==> flow/design.v <==
module u_scratch_n #(
    parameter D = 12,
    parameter DATA_W = 16,
    parameter ADDR_W = $clog2(D),
    parameter NBLK = DATA_W / 8
) (
    input clk_i,
    input clk_en,
    input [NBLK-1:0] in_byte_en,
    input [ADDR_W-1:0] in_wa,
    input [DATA_W-1:0] in_wdata,
    input [ADDR_W-1:0] in_ra,
    output [DATA_W-1:0] out_rdata
);
    reg [DATA_W-1:0] rf [0:D-1];
    integer idx;
    always @(posedge clk_i) begin
        for (idx = 0; idx < NBLK; idx = idx + 1)
            if (clk_en && in_byte_en[idx]) rf[in_wa][8*idx +: 8] <= in_wdata[8*idx +: 8];
    end
    assign out_rdata = rf[in_ra];
endmodule
* Tool chain data of u_scratch_n
Tool output for the design above, in the order of the flow.
Lines are those of the file above, counted from 1.
Cell names lack the library's common part.
Not given: -
- Top :: u_scratch_n
- Clock :: clk_i
- Library :: sky130hd
- Timing corner :: tt_025C_1v80

* Elaborated design
Source: Yosys, flattened and elaborated, memories not mapped. Widths are those after wreduce; folded enables and synchronous resets count as part of the registers. Registers that Yosys merges into a memory's read port (data or address) are not register bits. Print and check cells do not count. Equal cells are merged and count once.
Yosys's memory passes give these memory sizes; they may raise the number of words (mostly to a power of two), join words into wider ones and drop unused or constant bits.
- RAM bits :: 192
- Memory bits (read-only) :: 0
- Input port bits :: 28
- Output and inout port bits :: 16
- Memory cells :: 1
- Bits in latches :: 0
- Word-level cells :: 7
- Clocked read ports x word width :: 0
- Register bits after elaboration :: 0
- Div/mod/pow operators :: 0
- Equality and inequality tests :: 0
- Reduce/logical cells :: 2
- Multiply operators :: 0
- $add $sub $neg :: 0
- Muxes and demuxes :: 4
- Order comparisons :: 0
- Shift operators :: 0
- Bitwise operators :: 0
** Memories
- rf :: depth 12, bits a word 16, rd ports 1, write ports 1, RTL line 15 : reg [DATA_W-1:0] rf [0:D-1];
** Operators by type and width (count)
- two-way mux 16 bit :: 2
- logical AND 1 bit :: 2
- two-way mux 1 bit :: 2

* Depth
Depth = most cells in a row (Yosys ltp): at word level without a register or memory, in the mapped netlist without a sequential cell, where the memories' decode and read muxes count.
- Depth after elaboration :: 2
- ABC_AREA :: 0
- Depth in mapped cells :: 5
- Mapped depth without buffers :: 3

* Netlist
Source: synth_stat.txt of the flow (Yosys; design flattened, memories mapped). It holds for the ABC_AREA given above (unset counts as 0); a run with the other value may have another netlist.
** Cells by type (count)
- edfxtp_1 :: 192
- mux4_2 :: 29
- mux2i_1 :: 32
- o221ai_1 :: 16
- a22oi_1 :: 16
- nor2_1 :: 26
- mux4_1 :: 3
- buf_6 :: 3
- nand3_1 :: 6
- buf_12 :: 1
- buf_1 :: 5
- clkbuf_1 :: 5
- nand2b_1 :: 3
- nor2b_1 :: 3
- buf_2 :: 3
- nand2_1 :: 2
- or2_2 :: 1
- Flip-flop cells :: 192
- Standard cells after synthesis :: 346
- Sequential part of the area :: 0.0057655 mm²
- Chip area (Yosys) :: 0.0073633 mm²
- Buffer cells :: 17

* Timing after synthesis
OpenSTA on the mapped netlist: ideal clock, no wires. The path of least setup slack (recovery checks aside). Input and output delay are each 20% of the period. Register names are those of the netlist, which keeps one name where synthesis merged equal registers.
- Path type :: input to output
- Start :: input in_ra[0]
- End :: output out_rdata[5]
- Input delay :: 0.474 ns
- Path delay :: 1.138 ns
- Driving pins on the path :: 5
- Slack :: 0.284 ns
- Period :: 2.37 ns
- Arrival :: 1.612 ns
- Time at the first pin :: 0.474 ns
- Synthesis period reached :: 2.086 ns
"path delay" is the arrival time less input delay plus setup time.
A path that ends at an output port has no setup time.
"driving pins on the path": output pins that drive a net of the path, with the launching flip-flop's if there is one; two outputs of one cell count as two.
"synthesis period reached" is the clock period less the worst setup slack; recovery checks do not enter. This is arithmetic on one report: input and output delays are still those of the set period (20% each).
The rows between start and end are the longest chain of elaborated cells between them; the timing report does not say that the signal goes this way. Where chains are equally long, one stands for them.
Each line given opens the expression or statement behind the cell; cells for indexed reads and writes are added by Yosys, which also makes memories of some case tables.
A memory read counts as a cell of the chain, while the word-level depth stops at memories.
- Cell sequence :: buf_6 > buf_6 > mux4_2 > a22oi_1 > o221ai_1
- Length of the longest elaborated chain :: 1
** RTL lines, path post-synthesis
- start, declared :: RTL line 12 : input [ADDR_W-1:0] in_ra,
- memory (12 x 16 bit) :: RTL line 15 : reg [DATA_W-1:0] rf [0:D-1];
- end, declared :: RTL line 13 : output [DATA_W-1:0] out_rdata

* Worst path after layout
Path of least setup slack in the final report of run A (OpenROAD, finished layout, wires in). Where an end is a register, its clock arrival counts in the times.
- Path type :: input to output
- Start :: input in_ra[0]
- End :: output out_rdata[9]
- Input delay :: 0.47 ns
- Arrival :: 1.85 ns
- Slack :: 0.04 ns
- Period :: 2.37 ns
- Time at the first pin :: 0.47 ns
- Driving pins on the path :: 7
The rows between start and end are the longest chain of elaborated cells between them; the timing report does not say that the signal goes this way. Where chains are equally long, one stands for them.
A memory read counts as a cell of the chain, while the word-level depth stops at memories.
- Cell sequence :: buf_16 > buf_12 > buf_12 > mux4_2 > a22oi_2 > o221ai_2 > buf_2
- Length of the longest elaborated chain :: 1
** RTL lines, path post-layout
- start, declared :: RTL line 12 : input [ADDR_W-1:0] in_ra,
- memory (12 x 16 bit) :: RTL line 15 : reg [DATA_W-1:0] rf [0:D-1];
- end, declared :: RTL line 13 : output [DATA_W-1:0] out_rdata

Memo
Re: implementation data of u_scratch_n

Top module u_scratch_n; platform sky130hd; tools Yosys and OpenROAD; 3 stored runs in no particular order. Input and output delays are each 20% of the period that was set; the output load is 0.01 pF.
"clock period reached": clock period set for the run, less the worst setup slack. It is reckoned from that one timing run; input and output delays stay at 20% of the period that was set.
"time of the worst setup path" means the part of the period allowed to the worst setup path (the constraints hold back 20% at inputs and 20% at outputs) less its slack; where the path has registers, the arrival times of their clocks count too.
By "overall power" is meant OpenSTA's value without simulated activity: inputs other than the clock are taken to toggle once in ten clock periods, and the tool carries that through the logic.

** Run A
- Settings :: period_ns=2.37; CAP_MARGIN=20; CORE_MARGIN=2; CORE_UTILIZATION=40; SLEW_MARGIN=20
- Summed negative setup slack :: 0.000 ns
- Clock period reached :: 2.327 ns
- Overall die area :: 0.0195091 mm²
- Cell area after synthesis :: 0.0073633 mm²
- Post-layout utilization :: 0.505
- Overall power :: 0.006981 W
- Final worst hold slack :: 0.911 ns
- Time of the worst setup path :: 1.38 ns
- Type of the worst setup path :: input to output
- Worst setup slack after layout :: 0.043 ns
- Standard-cell area after routing :: 0.00911 mm²

** Run B
- Settings :: period_ns=2.05; CORE_UTILIZATION=65; SETUP_SLACK_MARGIN=0.01; PLACE_DENSITY_LB_ADDON=0.12; CELL_PAD_IN_SITES_DETAIL_PLACEMENT=2; TNS_END_PERCENT=50; ABC_AREA=0; CTS_CLUSTER_DIAMETER=327; SLEW_MARGIN=40; MAX_ROUTING_LAYER=met4; CAP_MARGIN=20; CORE_MARGIN=2
- Outcome :: incomplete, placement halted on DPL-0033

** Run C
- Settings :: period_ns=2.64; CORE_UTILIZATION=54; PLACE_DENSITY=0.45; CORE_ASPECT_RATIO=0.77; CORE_MARGIN=6; CELL_PAD_IN_SITES_DETAIL_PLACEMENT=1; ABC_AREA=1; SLEW_MARGIN=20; MIN_ROUTING_LAYER=met1; CAP_MARGIN=20
- Summed negative setup slack :: 0.000 ns
- Clock period reached :: 2.481 ns
- Overall die area :: 0.0183483 mm²
- Cell area after synthesis :: 0.0082179 mm²
- Post-layout utilization :: 0.654
- Overall power :: 0.006609 W
- Final worst hold slack :: 1.023 ns
- Time of the worst setup path :: 1.43 ns
- Type of the worst setup path :: input to output
- Worst setup slack after layout :: 0.159 ns
- Standard-cell area after routing :: 0.0097031 mm²
